==> flow/design.v <==
module ex_cmp #(
  parameter DATA_WIDTH = 48
) (
  input  logic core_clk,
  input  logic resetn,
  input  logic [DATA_WIDTH-1:0] src1,
  input  logic [DATA_WIDTH-1:0] src2,
  output logic greater,
  output logic less
);
  logic g;
  logic l;
  always_comb begin
    g = 1'b0;
    l = 1'b0;
    for (int t = DATA_WIDTH-1; t >= 0; t = t - 1) begin
      if (!g && !l) begin
        g = src1[t] & ~src2[t];
        l = ~src1[t] & src2[t];
      end
    end
  end
  logic greater_s;
  always_ff @(posedge core_clk or negedge resetn) begin
    if (~resetn) begin
      greater_s <= 1'b0;
    end else begin
      greater_s <= g;
    end
  end
  assign greater = greater_s;
  logic less_s;
  always_ff @(posedge core_clk or negedge resetn) begin
    if (~resetn) begin
      less_s <= 1'b0;
    end else begin
      less_s <= l;
    end
  end
  assign less = less_s;
endmodule
Reports on ex_cmp. What the tools print for ex_cmp, step after step. Lines are those of the file above, counted from 1. Library cell names are shortened. A cell with - has no value.

Top: ex_cmp. Clock port: core_clk. Cell library: sky130hd. Library corner: tt_025C_1v80.

Word level. Source: Yosys, flattened and elaborated, memories not mapped. Widths are those after wreduce; folded enables and synchronous resets count as part of the registers. Registers that Yosys merges into a memory's read port (data or address) are not register bits. Print and check cells do not count. Equal cells are merged and count once.

The figure for output and inout port bits is 2. The entry for elaborated cells reads 429. The figure for register bits is 2.

The entry for bitwise operators reads 192. For reduce/logical cells the number is 141. The figure for mux-type cells is 94.

Operators with widths (count): 1-bit AND (96); 1-bit inverter (96); 1-bit zero test (94); 1-bit two-way mux (94); 1-bit logical AND (47).

Logic depth. Yosys ltp: most cells in a row. Word level: on the elaborated netlist, between registers, memories and ports. Mapped: between sequential cells and ports; inverters and the memories' decode and read muxes count.

The figure for depth after elaboration is 143. The figure for ABC_AREA is 0. The entry for depth in mapped cells reads 9. For depth with buffers taken out the number is 9.

Mapped cells and area. Source: synth_stat.txt of the flow (Yosys; design flattened, memories mapped). It holds for the ABC_AREA given above (unset counts as 0); a run with the other value may have another netlist.

Cells by type: maj3_1 (count 36, area in all 360.346 um^2); nor2b_1 (count 21, area in all 131.376 um^2); inv_1 (count 32, area in all 120.115 um^2); nand2b_1 (count 18, area in all 112.608 um^2); a21oi_1 (count 14, area in all 70.067 um^2); maj3_2 (count 6, area in all 67.565 um^2); o21ai_0 (count 12, area in all 60.058 um^2); dfrtp_1 (count 2, area in all 50.048 um^2); a21o_1 (count 4, area in all 30.029 um^2); o21bai_1 (count 4, area in all 30.029 um^2); nand2_1 (count 7, area in all 26.275 um^2); ha_1 (count 2, area in all 25.024 um^2); o211ai_1 (count 3, area in all 22.522 um^2); a21bo_2 (count 2, area in all 20.019 um^2); nor2_1 (count 5, area in all 18.768 um^2); a21boi_0 (count 2, area in all 15.014 um^2); a221oi_2 (count 1, area in all 15.014 um^2); nand3_1 (count 3, area in all 15.014 um^2).

Not listed: further types 17, cells in them 21.

Mapped flip-flops: 2. The figure for cell count is 195. The figure for mapped area is 1346.3 um^2. The figure for area of sequential cells is 50.0 um^2. The figure for buffer cells is 0.

Path before layout. Source: OpenSTA report_checks on the synthesized netlist (no wires, ideal clock, input and output delay 20% of the period each), path of least setup slack; recovery checks are left aside. Register names are those of the netlist, which keeps one name where synthesis merged equal registers.

Path kind: in2reg. From: input src2[22]. To: register less_s. The figure for period is 2840 ps. Data required time: 2722 ps. Path delay: 1820 ps. Time at the first pin: 568 ps. The figure for data arrival time is 2270 ps. For setup slack the number is 452 ps. Under input delay stands 568 ps. For stages on the path the number is 8. The figure for library setup time is 118 ps. The entry for path buffers reads 0. The entry for synthesis period reached reads 2388 ps.

"path delay" = arrival - input delay + setup time. "stages on the path": output pins that drive a net of the path, with the launching flip-flop's if there is one; two outputs of one cell count as two. "synthesis period reached" is the clock period less the worst setup slack; recovery checks do not enter. This is arithmetic on one report: input and output delays are still those of the set period (20% each). The rows between start and end are the longest chain of elaborated cells between them; the timing report does not say that the signal goes this way. Where chains are equally long, one stands for them. A line is the first line of the expression or statement that the cell stems from. Yosys adds cells for indexed reads and writes and turns some case tables into memories.

Cells stage by stage: nor2b_4 > maj3_2 > maj3_2 > maj3_2 > a21o_1 > a221oi_2 > o21ai_1 > a21o_1. Cells in the longest elaborated chain: 69.

RTL lines, path post-synthesis: from (decl) (line 7) `input  logic [DATA_WIDTH-1:0] src2,`; 1-bit inverter (line 18) `g = src1[t] & ~src2[t];`; 1-bit AND (line 18); 1-bit two-way mux (line 17) `if (!g && !l) begin`; 1-bit zero test (line 17); 1-bit logical AND (line 17); 1-bit two-way mux (line 17); 1-bit zero test (line 17); (+55 left out); 1-bit two-way mux (line 17); 1-bit zero test (line 17); 1-bit logical AND (line 17); 1-bit two-way mux (line 17); 1-bit zero test (line 17); 1-bit logical AND (line 17); 1-bit two-way mux (line 17); to (assign) (line 35) `less_s <= 1'b0;`; to (assign) (line 37) `less_s <= l;`; to (decl) (line 32) `logic less_s;`.

Worst path after layout. Path of least setup slack in the final report of flow run C (OpenROAD, finished layout, wires in). Where an end is a register, its clock arrival counts in the times. The path's times are printed in steps of 10 ps; the period is the one set.

Path kind: in2reg. From: input src1[22]. To: register less_s. The figure for data arrival time is 2820 ps. For setup slack the number is 140 ps. The figure for period is 2840 ps. Under input delay stands 570 ps. Data required time: 2960 ps. The entry for path buffers reads 1. The figure for library setup time is 110 ps. Time at the first pin: 570 ps. For stages on the path the number is 9.

The rows between start and end are the longest chain of elaborated cells between them; the timing report does not say that the signal goes this way. Where chains are equally long, one stands for them.

Cells stage by stage: clkdlybuf4s50_1 > nor2b_4 > maj3_2 > maj3_2 > maj3_2 > a21o_1 > a221oi_2 > o21ai_1 > a21o_1. Cells in the longest elaborated chain: 69.

RTL lines, path post-layout: from (decl) (line 6) `input  logic [DATA_WIDTH-1:0] src1,`; 1-bit inverter (line 19) `l = ~src1[t] & src2[t];`; 1-bit AND (line 19); 1-bit two-way mux (line 17) `if (!g && !l) begin`; 1-bit zero test (line 17); 1-bit logical AND (line 17); 1-bit two-way mux (line 17); 1-bit zero test (line 17); (+55 left out); 1-bit two-way mux (line 17); 1-bit zero test (line 17); 1-bit logical AND (line 17); 1-bit two-way mux (line 17); 1-bit zero test (line 17); 1-bit logical AND (line 17); 1-bit two-way mux (line 17); to (assign) (line 35) `less_s <= 1'b0;`; to (assign) (line 37) `less_s <= l;`; to (decl) (line 32) `logic less_s;`.

Hand-over note for ex_cmp

Module ex_cmp, platform sky130hd: 3 stored runs of the flow (Yosys, OpenROAD) with differing settings, in no particular order. Input and output delays are each 20% of the period that was set; the output load is 0.01 pF. "worst setup path time" is the time allowed to the run's worst setup path (the clock period less input and output delay, where it has them) less its slack. Clock arrival times count: a late capture clock shortens it, a late launch clock lengthens it. "total power of the final layout" is the tool's figure for a default switching activity; nothing was simulated. "worst setup path time" is given in steps of 10 ps.

Files of flow run A:
==> flow/run.sh <==
#!/bin/bash
# the make line also repeats the synthesis and layout settings of config.mk as NAME=value (left out here)
make -C /OpenROAD-flow-scripts/flow DESIGN_CONFIG=/design/flow/config.mk WORK_HOME=/design/flow/orfs CLKGATE_MAP_FILE= finish
==> flow/config.mk <==
export PLATFORM = sky130hd
export DESIGN_NAME = ex_cmp
export DESIGN_NICKNAME = ex_cmp
export VERILOG_FILES = /design/flow/design.v
export SDC_FILE = /design/flow/constraint.sdc
export NUM_CORES = 4
export LEC_CHECK = 0
export CAP_MARGIN = 20
export CORE_ASPECT_RATIO = 0.76
export CORE_MARGIN = 2
export CORE_UTILIZATION = 45
export GPL_ROUTABILITY_DRIVEN = 0
export MIN_ROUTING_LAYER = met1
export SLEW_MARGIN = 20
export TNS_END_PERCENT = 10
==> flow/constraint.sdc <==
create_clock -name core_clock -period 1.87 [get_ports {core_clk}]
set_input_delay 0.3740 -clock core_clock [delete_from_list [all_inputs] [get_ports {core_clk}]]
set_output_delay 0.3740 -clock core_clock [all_outputs]
set_load 0.01 [all_outputs]

Outcome of flow run A: no results, routing failed with GRT-0232.

Files of flow run B:
==> flow/run.sh <==
#!/bin/bash
# the make line also repeats the synthesis and layout settings of config.mk as NAME=value (left out here)
make -C /OpenROAD-flow-scripts/flow DESIGN_CONFIG=/design/flow/config.mk WORK_HOME=/design/flow/orfs CLKGATE_MAP_FILE= finish
==> flow/config.mk <==
export PLATFORM = sky130hd
export DESIGN_NAME = ex_cmp
export DESIGN_NICKNAME = ex_cmp
export VERILOG_FILES = /design/flow/design.v
export SDC_FILE = /design/flow/constraint.sdc
export NUM_CORES = 4
export LEC_CHECK = 0
export ABC_AREA = 1
export CAP_MARGIN = 15
export CELL_PAD_IN_SITES_DETAIL_PLACEMENT = 2
export CELL_PAD_IN_SITES_GLOBAL_PLACEMENT = 3
export CORE_ASPECT_RATIO = 0.69
export CORE_MARGIN = 2
export CORE_UTILIZATION = 38
export CTS_CLUSTER_DIAMETER = 302
export HOLD_SLACK_MARGIN = 0.01
export MAX_ROUTING_LAYER = met4
export MIN_ROUTING_LAYER = met2
export PLACE_DENSITY = 0.73
export SETUP_SLACK_MARGIN = 0.13
export SLEW_MARGIN = 20
export TNS_END_PERCENT = 35
==> flow/constraint.sdc <==
create_clock -name core_clock -period 1.5 [get_ports {core_clk}]
set_input_delay 0.3000 -clock core_clock [delete_from_list [all_inputs] [get_ports {core_clk}]]
set_output_delay 0.3000 -clock core_clock [all_outputs]
set_load 0.01 [all_outputs]

Outcome of flow run B: no results, placement failed with GPL-0301.

Files of flow run C:
==> flow/run.sh <==
#!/bin/bash
# the make line also repeats the synthesis and layout settings of config.mk as NAME=value (left out here)
make -C /OpenROAD-flow-scripts/flow DESIGN_CONFIG=/design/flow/config.mk WORK_HOME=/design/flow/orfs CLKGATE_MAP_FILE= finish
==> flow/config.mk <==
export PLATFORM = sky130hd
export DESIGN_NAME = ex_cmp
export DESIGN_NICKNAME = ex_cmp
export VERILOG_FILES = /design/flow/design.v
export SDC_FILE = /design/flow/constraint.sdc
export NUM_CORES = 4
export LEC_CHECK = 0
export CAP_MARGIN = 20
export CORE_MARGIN = 2
export CORE_UTILIZATION = 40
export SLEW_MARGIN = 20
==> flow/constraint.sdc <==
create_clock -name core_clock -period 2.84 [get_ports {core_clk}]
set_input_delay 0.5680 -clock core_clock [delete_from_list [all_inputs] [get_ports {core_clk}]]
set_output_delay 0.5680 -clock core_clock [all_outputs]
set_load 0.01 [all_outputs]

Results of flow run C. The netlist area reported by Yosys is 1,346.3 um^2. The measured die area is 3,845.9 um^2. The utilization after routing stands at 0.741. The worst slack on setup checks is 135 ps. The setup TNS stands at 0 ps. The measured total power of the final layout is 0.0004572 W. The worst setup path time stands at 2,140 ps. Worst setup path type: in2reg.

End of note.
